==> flow/design.v <==
module cpu_shifter (ck, RSTN, enable, i_ch, i_n, i_dir, o_data_out);
    parameter integer BITS = 56;
    localparam integer SEL_WIDTH = $clog2(BITS);
    input ck;
    input RSTN;
    input enable;
    input [BITS-1:0] i_ch;
    input [SEL_WIDTH-1:0] i_n;
    input i_dir;
    output [BITS-1:0] o_data_out;
    reg [BITS-1:0] r_ch;
    reg [SEL_WIDTH-1:0] r_n;
    reg r_dir;
    always @(posedge ck or negedge RSTN) begin
        if (~RSTN) begin
            r_ch <= 0;
            r_n <= 0;
            r_dir <= 1'b0;
        end else if (enable) begin
            r_ch <= i_ch;
            r_n <= i_n;
            r_dir <= i_dir;
        end
    end
    assign o_data_out = r_dir ? r_ch << r_n : r_ch >> r_n;
endmodule
Tool chain data of cpu_shifter --
The steps from the RTL of cpu_shifter to its reports follow in flow order. Line numbers count from 1 in the design file above. Cell names lack the library's common part. Not given: n/a
Inputs: design top cpu_shifter, clock ck, cell library sky130hd, library corner tt_025C_1v80

Elaborated design --
Counts by Yosys on the flattened word-level netlist (proc, flatten, opt, wreduce; memories kept). Register bits leave out memories and registers merged into their read ports (data or address); mux counts leave out enables and synchronous resets folded into registers. Print and check cells are left out. Cells with the same type and inputs are merged into one.
Word-level totals: word-level cells 6, input bits 66, output and inout bits 56, bits in registers 63
Operators by class: multiplexer cells 1, shift-type cells 2
Operator list (count):
- left shift 56 x 6 -> 56 bit | 1
- >> shifter 56 x 6 -> 56 bit | 1
- two-way mux 56 bit | 1

Depth --
Depth = most cells in a row (Yosys ltp): at word level without a register or memory, in the mapped netlist without a sequential cell, where the memories' decode and read muxes count.
Depth: word-level depth 2, ABC_AREA 0, depth in mapped cells 11, gate-level depth less buffers 5

Netlist --
Source: synth_stat.txt of the flow (Yosys; design flattened, memories mapped). It holds for the ABC_AREA given above (unset counts as 0); a run with the other value may have another netlist.
Mapped netlist: mapped cells 1131, flip-flop cells 63, buffers 141, chip area (Yosys) 10567.6 µm², sequential area 1576.5 µm²
Cell types:
- mux4_2 | count 112, total area 2.52E+03 µm²
- dfrtp_1 | count 63, total area 1.58E+03 µm²
- mux2i_1 | count 117, total area 1.17E+03 µm²
- mux2_2 | count 100, total area 1126.08 µm²
- nand2_1 | count 102, total area 382.867 µm²
- nor2_1 | count 90, total area 337.824 µm²
- clkbuf_1 | count 81, total area 304.042 µm²
- o22ai_1 | count 47, total area 294.032 µm²
- o21ai_0 | count 32, total area 160.154 µm²
- o211ai_1 | count 20, total area 150.144 µm²
- nor3_1 | count 29, total area 145.139 µm²
- a21oi_1 | count 28, total area 140.134 µm²
- buf_2 | count 27, total area 135.13 µm²
- o221ai_1 | count 15, total area 131.376 µm²
- nand3_1 | count 23, total area 115.11 µm²
- a211oi_1 | count 14, total area 105.101 µm²
- a22oi_1 | count 12, total area 90.086 µm²
- buf_6 | count 8, total area 90.086 µm²
Not listed: further types 55, cells in them 211.

Path before layout --
OpenSTA on the mapped netlist: ideal clock, no wires. The path of least setup slack (recovery checks aside). Input and output delay are each 20% of the period. Register names are those of the netlist, which keeps one name where synthesis merged equal registers.
Timing post-synthesis: path type register to output, from reg r_n[1], to out o_data_out[21], period 3.46 ns, path buffers 5, path delay 2.215 ns, setup slack 0.553 ns, data required time 2.768 ns, data arrival time 2.215 ns, launch time at the first pin 0.000 ns, stages 10, output delay 0.692 ns, synthesis period reached 2.907 ns
"path delay" is the arrival time less input delay plus setup time. At an output port there is no setup time. "stages" counts driving pins, that of a launching flip-flop among them; a cell with two outputs on the path counts twice. "synthesis period reached" = period - worst setup slack (recovery checks aside). The figure is calculated, with input and output delays left at 20% of the set period. The rows between start and end are the longest chain of elaborated cells between them; the timing report does not say that the signal goes this way. Where chains are equally long, one stands for them. Each line given opens the expression or statement behind the cell; cells for indexed reads and writes are added by Yosys, which also makes memories of some case tables.
Between the ends, post-synthesis: path through dfrtp_1 > buf_6 > buf_6 > buf_6 > buf_6 > buf_2 > or2_2 > mux2i_1 > a2bb2oi_1 > o311ai_0, cells in the longest elaborated chain 2, elaborated cells between the ends (all ways) 3, source lines of those cells 1, classes of those cells shift: 2; mux: 1
RTL lines, path post-synthesis:
- start, declared | line 12 | reg [SEL_WIDTH-1:0] r_n;
- start, assigned | line 17 | r_n <= 0;
- start, assigned | line 21 | r_n <= i_n;
- >> shifter 56 x 6 -> 56 bit | line 25 | assign o_data_out = r_dir ? r_ch << r_n : r_ch >> r_n;
- two-way mux 56 bit | line 25
- end, declared | line 10 | output [BITS-1:0] o_data_out;

Path in the finished layout --
Path of least setup slack in the final report of job 1 (OpenROAD, finished layout, wires in). Where an end is a register, its clock arrival counts in the times.
Timing after layout: path type register to output, from reg r_n[1], to out o_data_out[20], launch time at the first pin 0.36 ns, stages 11, setup slack -0.36 ns, path buffers 5, output delay 0.69 ns, data arrival time 3.12 ns, period 3.46 ns, data required time 2.77 ns
The rows between start and end are the longest chain of elaborated cells between them; the timing report does not say that the signal goes this way. Where chains are equally long, one stands for them.
Between the ends, after layout: path through dfrtp_4 > buf_6 > buf_12 > buf_4 > mux4_2 > mux2i_1 > buf_4 > o22a_1 > a21oi_2 > or4_4 > buf_6, cells in the longest elaborated chain 2, elaborated cells between the ends (all ways) 3, source lines of those cells 1, classes of those cells shift: 2; mux: 1
RTL lines, path after layout:
- start, declared | line 12 | reg [SEL_WIDTH-1:0] r_n;
- start, assigned | line 17 | r_n <= 0;
- start, assigned | line 21 | r_n <= i_n;
- >> shifter 56 x 6 -> 56 bit | line 25 | assign o_data_out = r_dir ? r_ch << r_n : r_ch >> r_n;
- two-way mux 56 bit | line 25
- end, declared | line 10 | output [BITS-1:0] o_data_out;

Lab notebook: cpu_shifter

Below are 3 stored runs of the flow (Yosys, OpenROAD; platform sky130hd) on cpu_shifter, each with its settings and what was measured, unordered. Constraints: input delay and output delay 20% of the set period each, output load 0.01 pF.
"achieved period" = clock period - worst setup slack. The figure is calculated, with input and output delays left at 20% of the set period.
"critical path time": the worst setup path's part of the clock period (all of it between registers, 20% less for each end at a port) less its slack. A launch clock that arrives late makes it longer, a capture clock that arrives late makes it shorter.
By "power consumption" is meant OpenSTA's value without simulated activity: inputs other than the clock are taken to toggle once in ten clock periods, and the tool carries that through the logic.

* Job 1 | settings: period_ns 3.46; CAP_MARGIN 20; CORE_MARGIN 2; CORE_UTILIZATION 40; SLEW_MARGIN 20 | results: standard-cell area after layout 16749.8 µm²; total negative slack -6.777 ns; worst setup slack after layout -0.357 ns; die footprint 27735.6 µm²; utilization 64.5 %; power consumption 7.486 mW; achieved period 3.817 ns; mapped cell area after synthesis 10567.6 µm²; critical path time 3.12 ns; kind of the worst setup path register to output
* Job 2 | settings: period_ns 5.34; CORE_UTILIZATION 34; SETUP_SLACK_MARGIN 1.03; PLACE_DENSITY_LB_ADDON 0.22; CORE_ASPECT_RATIO 1.75; CELL_PAD_IN_SITES_DETAIL_PLACEMENT 1; CTS_CLUSTER_SIZE 33; CAP_MARGIN 10; MAX_ROUTING_LAYER met5; CORE_MARGIN 2; SLEW_MARGIN 20 | results: total negative slack 0.000 ns; power consumption 3.944 mW; die footprint 32563.2 µm²; mapped cell area after synthesis 10567.6 µm²; utilization 44.6 %; standard-cell area after layout 13710.6 µm²; achieved period 4.431 ns; worst setup slack after layout 0.909 ns; critical path time 3.36 ns; kind of the worst setup path register to output
* Job 3 | settings: period_ns 3.78; CORE_UTILIZATION 17; SETUP_SLACK_MARGIN 0.89; PLACE_DENSITY_LB_ADDON 0.26; CORE_ASPECT_RATIO 0.59; CORE_MARGIN 8; CELL_PAD_IN_SITES_GLOBAL_PLACEMENT 0; CELL_PAD_IN_SITES_DETAIL_PLACEMENT 0; TNS_END_PERCENT 65; GPL_ROUTABILITY_DRIVEN 1; CAP_MARGIN 40; MIN_ROUTING_LAYER met2; SLEW_MARGIN 20 | results: achieved period 4.018 ns; worst setup slack after layout -0.238 ns; standard-cell area after layout 18435.2 µm²; mapped cell area after synthesis 10567.6 µm²; utilization 29.9 %; die footprint 70675.8 µm²; total negative slack -5.083 ns; power consumption 7.576 mW; critical path time 3.26 ns; kind of the worst setup path register to output
